==> flow/design.v <==
module gen_mul #(
    parameter NBITS = 24
) (
    input  logic CLK,
    input  logic nrst,
    input  logic signed [NBITS-1:0] lhs_i,
    input  logic signed [NBITS-1:0] rhs_i,
    output logic signed [2*NBITS-1:0] out_o
);
    logic signed [NBITS-1:0] r_lhs;
    always_ff @(posedge CLK) begin
        if (~nrst) begin
            r_lhs <= 0;
        end else begin
            r_lhs <= lhs_i;
        end
    end
    logic signed [NBITS-1:0] r_rhs;
    always_ff @(posedge CLK) begin
        if (~nrst) begin
            r_rhs <= 0;
        end else begin
            r_rhs <= rhs_i;
        end
    end
    assign out_o = r_lhs * r_rhs;
endmodule
From RTL to reports: gen_mul
What the tools print for gen_mul, step after step.
Lines are those of the file above, counted from 1.
Not given: -
- top: gen_mul
- clock input: CLK
- standard-cell library: sky130hd
- corner: tt_025C_1v80

Word-level counts
Source: Yosys, flattened and elaborated, memories not mapped. Widths are those after wreduce; folded enables and synchronous resets count as part of the registers. Registers that Yosys merges into a memory's read port (data or address) are not register bits. Print and check cells do not count. Equal cells are merged and count once.
- register bits: 48
- output and inout bits: 48
- noted cells after elaboration: 3
- multiply operators: 1
- operator list (cell ; count):
    24-bit by 24-bit multiplier with 48-bit output ; 1

Logic depth
Longest topological path by Yosys (ltp), each cell counted once; first at word level (registers and memories cut), then after technology mapping (sequential cells cut; the memories' decode and read muxes count).
- depth after elaboration: 1
- ABC_AREA at 1
- noted depth in mapped cells: 29
- noted mapped depth without buffers: 28

After synthesis
Yosys stat after the flow's synthesis: flattened, memories mapped to cells. It holds for the ABC_AREA given above (unset counts as 0); a run with the other value may have another netlist.
Totals and module areas in this step are rounded.
- standard cells after synthesis at 3207
- mapped area at 24000 um^2
- mapped flip-flops: 48
- buffer cells: 102
- cell types (cell type ; count ; area in all (um^2)):
    sky130_fd_sc_hd__fa_1 ; 607 ; 1.22E+04
    sky130_fd_sc_hd__inv_1 ; 1067 ; 4.01E+03
    sky130_fd_sc_hd__nand2_1 ; 964 ; 3618.47
    sky130_fd_sc_hd__ha_1 ; 134 ; 1.68E+03
    sky130_fd_sc_hd__dfxtp_1 ; 48 ; 960.922
    sky130_fd_sc_hd__clkbuf_1 ; 101 ; 379.114
    sky130_fd_sc_hd__nor2_1 ; 88 ; 330.317
    sky130_fd_sc_hd__nand3_1 ; 45 ; 225.216
    sky130_fd_sc_hd__xor2_1 ; 23 ; 201.443
    sky130_fd_sc_hd__a21oi_1 ; 34 ; 170.163
    sky130_fd_sc_hd__nand4_1 ; 14 ; 87.584
    sky130_fd_sc_hd__nor2_2 ; 13 ; 81.328
    sky130_fd_sc_hd__xnor2_1 ; 9 ; 78.826
    sky130_fd_sc_hd__nand2_2 ; 11 ; 68.816
    sky130_fd_sc_hd__nor2_4 ; 5 ; 56.304
    sky130_fd_sc_hd__o21bai_1 ; 7 ; 52.55
    sky130_fd_sc_hd__nand3_2 ; 5 ; 50.048
    sky130_fd_sc_hd__or2_2 ; 5 ; 31.28
Other cell types: 10; their cells: 27.

Path before layout
OpenSTA on the mapped netlist: ideal clock, no wires. The path of least setup slack (recovery checks aside). Input and output delay are each 20% of the period. Register names are those of the netlist, which keeps one name where synthesis merged equal registers.
- path type: reg-to-output
- from: register r_lhs[23]
- to: output out_o[47]
- period at 10700 ps
- time at the first pin at 0 ps
- noted arrival time: 6256 ps
- required time at 8560 ps
- noted setup slack: 2304 ps
- delay of the path at 6256 ps
- driving pins on the path at 26
- buffers on the path: 1
- synthesis period reached at 8396 ps
"delay of the path" = arrival - input delay + setup time.
At an output port there is no setup time.
"driving pins on the path" counts driving pins, that of a launching flip-flop among them; a cell with two outputs on the path counts twice.
"synthesis period reached" = period - worst setup slack (recovery checks aside). The figure is calculated, with input and output delays left at 20% of the set period.
The rows between start and end are the longest chain of elaborated cells between them; the timing report does not say that the signal goes this way. Where chains are equally long, one stands for them.
Each line given opens the expression or statement behind the cell; cells for indexed reads and writes are added by Yosys, which also makes memories of some case tables.
- path through: sky130_fd_sc_hd__dfxtp_1 sky130_fd_sc_hd__clkbuf_1 sky130_fd_sc_hd__nand2_1 sky130_fd_sc_hd__inv_1 sky130_fd_sc_hd__fa_1 sky130_fd_sc_hd__fa_1 sky130_fd_sc_hd__inv_1 sky130_fd_sc_hd__fa_1 sky130_fd_sc_hd__inv_1 sky130_fd_sc_hd__fa_1 sky130_fd_sc_hd__inv_1 sky130_fd_sc_hd__fa_1 sky130_fd_sc_hd__inv_1 sky130_fd_sc_hd__fa_1 sky130_fd_sc_hd__fa_1 sky130_fd_sc_hd__ha_1 sky130_fd_sc_hd__nand2_1 sky130_fd_sc_hd__inv_1 sky130_fd_sc_hd__nand2_1 sky130_fd_sc_hd__nor3_1 sky130_fd_sc_hd__nand2_1 sky130_fd_sc_hd__nor2_1 sky130_fd_sc_hd__nand2_1 sky130_fd_sc_hd__nand3_1 sky130_fd_sc_hd__nand2_1 sky130_fd_sc_hd__nand2_1
- cells in the longest elaborated chain at 1
- elaborated cells between the ends (all ways): 1
- those cells by class: mul: 1
- ends and longest elaborated chain, post-synthesis (item ; RTL line ; text):
    from (decl) ; 10 ; logic signed [NBITS-1:0] r_lhs;
    from (assign) ; 13 ; r_lhs <= 0;
    from (assign) ; 15 ; r_lhs <= lhs_i;
    24-bit by 24-bit multiplier with 48-bit output ; 26 ; assign out_o = r_lhs * r_rhs;
    to (decl) ; 8 ; output logic signed [2*NBITS-1:0] out_o

Timing after layout
Path of least setup slack in the final report of job 1 (OpenROAD, finished layout, wires in). Where an end is a register, its clock arrival counts in the times.
The report prints the path's times to 10 ps; the period is as set.
- path type: reg-to-output
- from: register r_lhs[18]
- to: output out_o[26]
- period at 13900 ps
- time at the first pin at 320 ps
- noted arrival time: 8300 ps
- required time at 11120 ps
- noted setup slack: 2820 ps
- driving pins on the path at 23
- buffers on the path: 2
The rows between start and end are the longest chain of elaborated cells between them; the timing report does not say that the signal goes this way. Where chains are equally long, one stands for them.
- path through: sky130_fd_sc_hd__dfxtp_1 sky130_fd_sc_hd__clkbuf_1 sky130_fd_sc_hd__nand2_1 sky130_fd_sc_hd__fa_1 sky130_fd_sc_hd__fa_1 sky130_fd_sc_hd__fa_1 sky130_fd_sc_hd__fa_1 sky130_fd_sc_hd__inv_1 sky130_fd_sc_hd__fa_1 sky130_fd_sc_hd__fa_1 sky130_fd_sc_hd__inv_1 sky130_fd_sc_hd__fa_1 sky130_fd_sc_hd__inv_1 sky130_fd_sc_hd__ha_1 sky130_fd_sc_hd__nand2_1 sky130_fd_sc_hd__inv_1 sky130_fd_sc_hd__nand2_1 sky130_fd_sc_hd__nand3_1 sky130_fd_sc_hd__a21oi_1 sky130_fd_sc_hd__nand2_1 sky130_fd_sc_hd__a21oi_1 sky130_fd_sc_hd__xnor2_1 sky130_fd_sc_hd__clkdlybuf4s50_1
- cells in the longest elaborated chain at 1
- elaborated cells between the ends (all ways): 1
- those cells by class: mul: 1
- ends and longest elaborated chain, post-layout (item ; RTL line ; text):
    from (decl) ; 10 ; logic signed [NBITS-1:0] r_lhs;
    from (assign) ; 13 ; r_lhs <= 0;
    from (assign) ; 15 ; r_lhs <= lhs_i;
    24-bit by 24-bit multiplier with 48-bit output ; 26 ; assign out_o = r_lhs * r_rhs;
    to (decl) ; 8 ; output logic signed [2*NBITS-1:0] out_o

Data sheet: physical implementation of gen_mul

Stored flow runs of gen_mul (3 of them; Yosys, OpenROAD, sky130hd). They differ in their settings and are not a sequence. Constraints: input delay and output delay 20% of the set period each, output load 0.01 pF.
"period achieved" is the run's clock period less its worst setup slack. It is reckoned from that one timing run; input and output delays stay at 20% of the period that was set.
"worst path time": the worst setup path's part of the clock period (all of it between registers, 20% less for each end at a port) less its slack. A launch clock that arrives late makes it longer, a capture clock that arrives late makes it shorter.
"worst path time" is known to 10 ps.
Values from the reports are rounded here.

Job 1
Settings were period_ns = 13.9; CORE_UTILIZATION = 17; SETUP_SLACK_MARGIN = 2.62; PLACE_DENSITY_LB_ADDON = 0.13; HOLD_SLACK_MARGIN = 0.24; ABC_AREA = 1; GPL_TIMING_DRIVEN = 0; CAP_MARGIN = 20; CORE_MARGIN = 2; SLEW_MARGIN = 20
- standard-cell area after routing: 28000 um^2
- overall die area: 150000 um^2
- noted the worst path time: 8300 ps
- class of the worst setup path: reg-to-output
- smallest setup slack at 2800 ps
- noted the period achieved: 11083 ps
- post-route utilization at 20%
- netlist area reported by Yosys at 24000 um^2
- noted the summed negative setup slack: 0 ps

Job 2
Settings were period_ns = 10.7; CAP_MARGIN = 20; CORE_MARGIN = 2; CORE_UTILIZATION = 40; SLEW_MARGIN = 20
- standard-cell area after routing: 25000 um^2
- overall die area: 58000 um^2
- noted the worst path time: 8220 ps
- class of the worst setup path: reg-to-output
- smallest setup slack at 340 ps
- noted the period achieved: 10361 ps
- post-route utilization at 45%
- netlist area reported by Yosys at 23000 um^2
- noted the summed negative setup slack: 0 ps

Job 3
Settings were period_ns = 6.89; CORE_UTILIZATION = 36; SETUP_SLACK_MARGIN = 1.46; CELL_PAD_IN_SITES_GLOBAL_PLACEMENT = 0; MIN_ROUTING_LAYER = met1; MAX_ROUTING_LAYER = met5; CAP_MARGIN = 20; CORE_MARGIN = 2; SLEW_MARGIN = 20
- standard-cell area after routing: 30000 um^2
- overall die area: 65000 um^2
- noted the worst path time: 7080 ps
- class of the worst setup path: reg-to-output
- smallest setup slack at -1600 ps
- noted the period achieved: 8462 ps
- post-route utilization at 48%
- netlist area reported by Yosys at 23000 um^2
- noted the summed negative setup slack: -42000 ps
